==> flow/design.v <==
module mul_unit_rtl #(
   parameter BITS = 11
) (
   input wire CLK,
   input wire ce,
   input wire [BITS-1:0] x,
   input wire [BITS-1:0] y,
   output wire [2*BITS-1:0] p
);
   reg [BITS-1:0] r_x;
   reg [BITS-1:0] r_y;
   always @(posedge CLK) begin
      if (ce) begin
         r_x <= x;
         r_y <= y;
      end
   end
   wire [BITS:0] node [0:BITS];
   wire [BITS-1:0] lo;
   assign node[0] = 0;
   genvar i;
   generate
      for (i = 0; i < BITS; i = i + 1) begin : stage
         add_row #(.N(BITS)) inst (.a(r_x), .sel(r_y[i]), .pin(node[i][BITS:1]), .pout(node[i+1]));
         assign lo[i] = node[i+1][0];
      end
   endgenerate
   reg [2*BITS-1:0] r_p;
   always @(posedge CLK) begin
      if (ce) begin
         r_p <= {node[BITS][BITS:1], lo};
      end
   end
   assign p = r_p;
endmodule
module add_row #(parameter N = 4) (
   input wire [N-1:0] a,
   input wire sel,
   input wire [N-1:0] pin,
   output wire [N:0] pout
);
   assign pout = pin + (a & {N{sel}});
endmodule
Reports on mul_unit_rtl

The steps from the RTL of mul_unit_rtl to its reports follow in flow order.
Lines are those of the file above, counted from 1.
Operators: Yosys type, input widths -> output width; for muxes data width and select width s.
Library cell names are shortened.
The mark -- stands for no value.

Design top: mul_unit_rtl
Clock port: CLK
Cell library: sky130hd
Library corner: tt_025C_1v80

Elaborated design

Counts by Yosys on the flattened word-level netlist (proc, flatten, opt, wreduce; memories kept). Register bits leave out memories and registers merged into their read ports (data or address); mux counts leave out enables and synchronous resets folded into registers. Print and check cells are left out. Cells with the same type and inputs are merged into one.

Input bits: 24
Output and inout bits: 22
Register bits after elaboration: 44

Add/sub/neg operators: 10
Bitwise gates (word level): 11

Operators with widths:

| kind           | number |
| $and 11x11->11 | 11 |
| $add 11x12->12 | 9 |
| $add 10x12->12 | 1 |

Longest topological paths

Depth = most cells in a row (Yosys ltp): at word level without a register or memory, in the mapped netlist without a sequential cell, where the memories' decode and read muxes count.

Depth in word-level cells: 11
ABC_AREA: 0
Depth in mapped cells: 57

Netlist

The flow's flattened synthesis, as Yosys stat reports it; memories are mapped. The netlist is that of the ABC_AREA named above (0 if unset); the other value can give another one.

Cells by type:

| type     | number |
| ha_1     | 110 |
| edfxtp_1 | 44 |
| and2_1   | 113 |
| xnor2_1  | 57 |
| a21oi_1  | 62 |
| fa_1     | 10 |
| xor2_1   | 22 |
| inv_1    | 50 |
| o21ai_0  | 37 |
| a21o_1   | 24 |
| o211ai_1 | 23 |
| nand2_1  | 37 |
| nor2_1   | 34 |
| o21a_1   | 14 |
| a211oi_1 | 13 |
| clkbuf_1 | 24 |
| a31oi_1  | 12 |
| a31o_2   | 8 |

Not listed: further types 27, cells in them 112.

Cells in the netlist: 806
Sequential part of the area: 1321.3 µm²
Flip-flop cells: 44
Cell area after synthesis: 6814.0 µm²

The figures by module come from a second, unflattened synthesis with its own total; it is not the netlist above.

Cell total of the unflattened synthesis: 914
Area (unflattened synthesis): 7656.1 µm²

Each row is one instance without its submodules.

Modules:

| module         | cells | seq. area (µm²) | area (µm²) | instances |
| add_row (N=11) | 79    | 0.0             | 575.6      | 11 |
| mul_unit_rtl   | 45    | 1321.3          | 1325.0     | 1 |

Timing after synthesis

Source: OpenSTA report_checks on the synthesized netlist (no wires, ideal clock, input and output delay 20% of the period each), path of least setup slack; recovery checks are left aside. Register names are those of the netlist, which keeps one name where synthesis merged equal registers.

Path kind: register -> register
Start point: register r_x[1]
End point: register r_p[20]
Path slack: 2.823 ns
Driving pins on the path: 52
Path delay: 11.178 ns
Path buffers: 1
Period: 14.0 ns
Arrival: 10.920 ns
Setup time: 0.258 ns
Synthesis period reached: 11.177 ns

"path delay" = arrival - input delay + setup time.
"driving pins on the path" counts driving pins, that of a launching flip-flop among them; a cell with two outputs on the path counts twice.
"synthesis period reached" is the clock period less the worst setup slack; recovery checks do not enter. This is arithmetic on one report: input and output delays are still those of the set period (20% each).
Between the ends stands the longest chain of elaborated cells between them, by number of cells; it is not shown to be the way that was timed. Of several equally long chains one is given.
Each line given opens the expression or statement behind the cell; cells for indexed reads and writes are added by Yosys, which also makes memories of some case tables.

Path through: edfxtp_1 clkbuf_1 and2_1 ha_1 fa_1 ha_1 fa_1 a211oi_1 o21bai_1 a21oi_1 xnor2_1 ha_1 and4_1 a211oi_1 nand2_1 o21ai_0 xnor2_1 ha_1 (+16 left out) a221oi_1 xor2_1 ha_1 o21ai_0 a22o_1 a41oi_1 xor2_1 ha_1 or4_1 o21ai_0 a31oi_1 xor2_1 ha_1 nor4_1 a21oi_1 a31o_2 a21oi_1 xnor2_1
Cells in the longest elaborated chain: 11
Elaborated cells on any way between the ends: 21
Those cells by class: add/sub (10); logic (11)

Ends and longest elaborated chain, post-synthesis:

| element            | RTL line | text |
| start: declaration | 10       | `reg [BITS-1:0] r_x;` |
| start: assignment  | 14       | `r_x <= x;` |
| $and 11x11->11     | 42       | `assign pout = pin + (a & {N{sel}});` |
| $add 10x12->12     | 42       |  |
| $add 11x12->12 x9  | 42       |  |
| end: assignment    | 31       | `r_p <= {node[BITS][BITS:1], lo};` |
| end: declaration   | 28       | `reg [2*BITS-1:0] r_p;` |

Path in the finished layout

Path of least setup slack in the final report of run 1 (OpenROAD, finished layout, wires in). Where an end is a register, its clock arrival counts in the times.

Path kind: register -> register
Start point: register r_x[1]
End point: register r_p[20]
Path slack: 1.80 ns
Arrival: 12.28 ns
Setup time: 0.24 ns
Period: 14.0 ns
Path buffers: 0
Driving pins on the path: 54

Between the ends stands the longest chain of elaborated cells between them, by number of cells; it is not shown to be the way that was timed. Of several equally long chains one is given.

Path through: edfxtp_1 and2_1 ha_1 fa_1 a21oi_1 o2111ai_1 a21o_1 a21oi_1 xnor2_1 ha_1 o21ai_0 o21ai_0 nand2_1 xnor2_1 ha_1 or4_1 o21ai_0 a21oi_1 (+18 left out) a221oi_1 xor2_1 ha_1 o21ai_0 a22o_1 a41oi_1 xor2_1 ha_1 or4_1 o21ai_0 a31oi_1 xor2_1 ha_1 nor4_1 a21oi_1 a31o_2 a21oi_1 xnor2_1
Cells in the longest elaborated chain: 11
Elaborated cells on any way between the ends: 21
Those cells by class: add/sub (10); logic (11)

Ends and longest elaborated chain, after layout:

| element            | RTL line | text |
| start: declaration | 10       | `reg [BITS-1:0] r_x;` |
| start: assignment  | 14       | `r_x <= x;` |
| $and 11x11->11     | 42       | `assign pout = pin + (a & {N{sel}});` |
| $add 10x12->12     | 42       |  |
| $add 11x12->12 x9  | 42       |  |
| end: assignment    | 31       | `r_p <= {node[BITS][BITS:1], lo};` |
| end: declaration   | 28       | `reg [2*BITS-1:0] r_p;` |

Hand-over note for mul_unit_rtl

3 stored runs of mul_unit_rtl in the flow (synthesis by Yosys, layout by OpenROAD, sky130hd cells), in arbitrary order. Constraints: input delay and output delay 20% of the set period each, output load 0.01 pF.
"clock period achieved" means the clock period less the worst setup slack. The figure is calculated, with input and output delays left at 20% of the set period.
"worst path time" means the part of the period allowed to the worst setup path (the constraints hold back 20% at inputs and 20% at outputs) less its slack; where the path has registers, the arrival times of their clocks count too.
Settings: . = not set for that run.
Results: . = not shown.

| item                                   | run 1                | run 2 | run 3                |
| period_ns                              | 14.0                 | 7.86  | 9.31                 |
| CAP_MARGIN                             | 20                   | 20    | 20                   |
| CORE_MARGIN                            | 2                    | 6     | 2                    |
| CORE_UTILIZATION                       | 40                   | 68    | 46                   |
| SLEW_MARGIN                            | 20                   | 20    | 20                   |
| SETUP_SLACK_MARGIN                     | .                    | -0.37 | .                    |
| PLACE_DENSITY_LB_ADDON                 | .                    | 0.19  | .                    |
| CELL_PAD_IN_SITES_GLOBAL_PLACEMENT     | .                    | 2     | 2                    |
| CELL_PAD_IN_SITES_DETAIL_PLACEMENT     | .                    | 2     | .                    |
| CTS_CLUSTER_SIZE                       | .                    | 66    | .                    |
| CTS_CLUSTER_DIAMETER                   | .                    | 70    | .                    |
| HOLD_SLACK_MARGIN                      | .                    | .     | -0.09                |
| TNS_END_PERCENT                        | .                    | .     | 100                  |
| GPL_ROUTABILITY_DRIVEN                 | .                    | .     | 1                    |
| MIN_ROUTING_LAYER                      | .                    | .     | met1                 |
| worst hold slack after layout (ns)     | 0.773                | .     | 0.700                |
| worst slack on setup checks (ns)       | 1.799                | .     | -1.407               |
| post-route setup TNS (ns)              | 0.000                | .     | -7.441               |
| area of the synthesized netlist (µm²)  | 6814.0               | .     | 6814.0               |
| worst path time (ns)                   | 12.20                | .     | 10.72                |
| kind of the worst setup path           | register -> register | .     | register -> register |
| full die area (µm²)                    | 18095.6              | .     | 15803.0              |
| clock period achieved (ns)             | 12.201               | .     | 10.717               |
| utilization after layout (%)           | 45.8                 | .     | 68.3                 |
| standard-cell area after routing (µm²) | 7622.3               | .     | 9895.7               |

Run 2: unfinished; error FLW-0024 in placement

End of note.
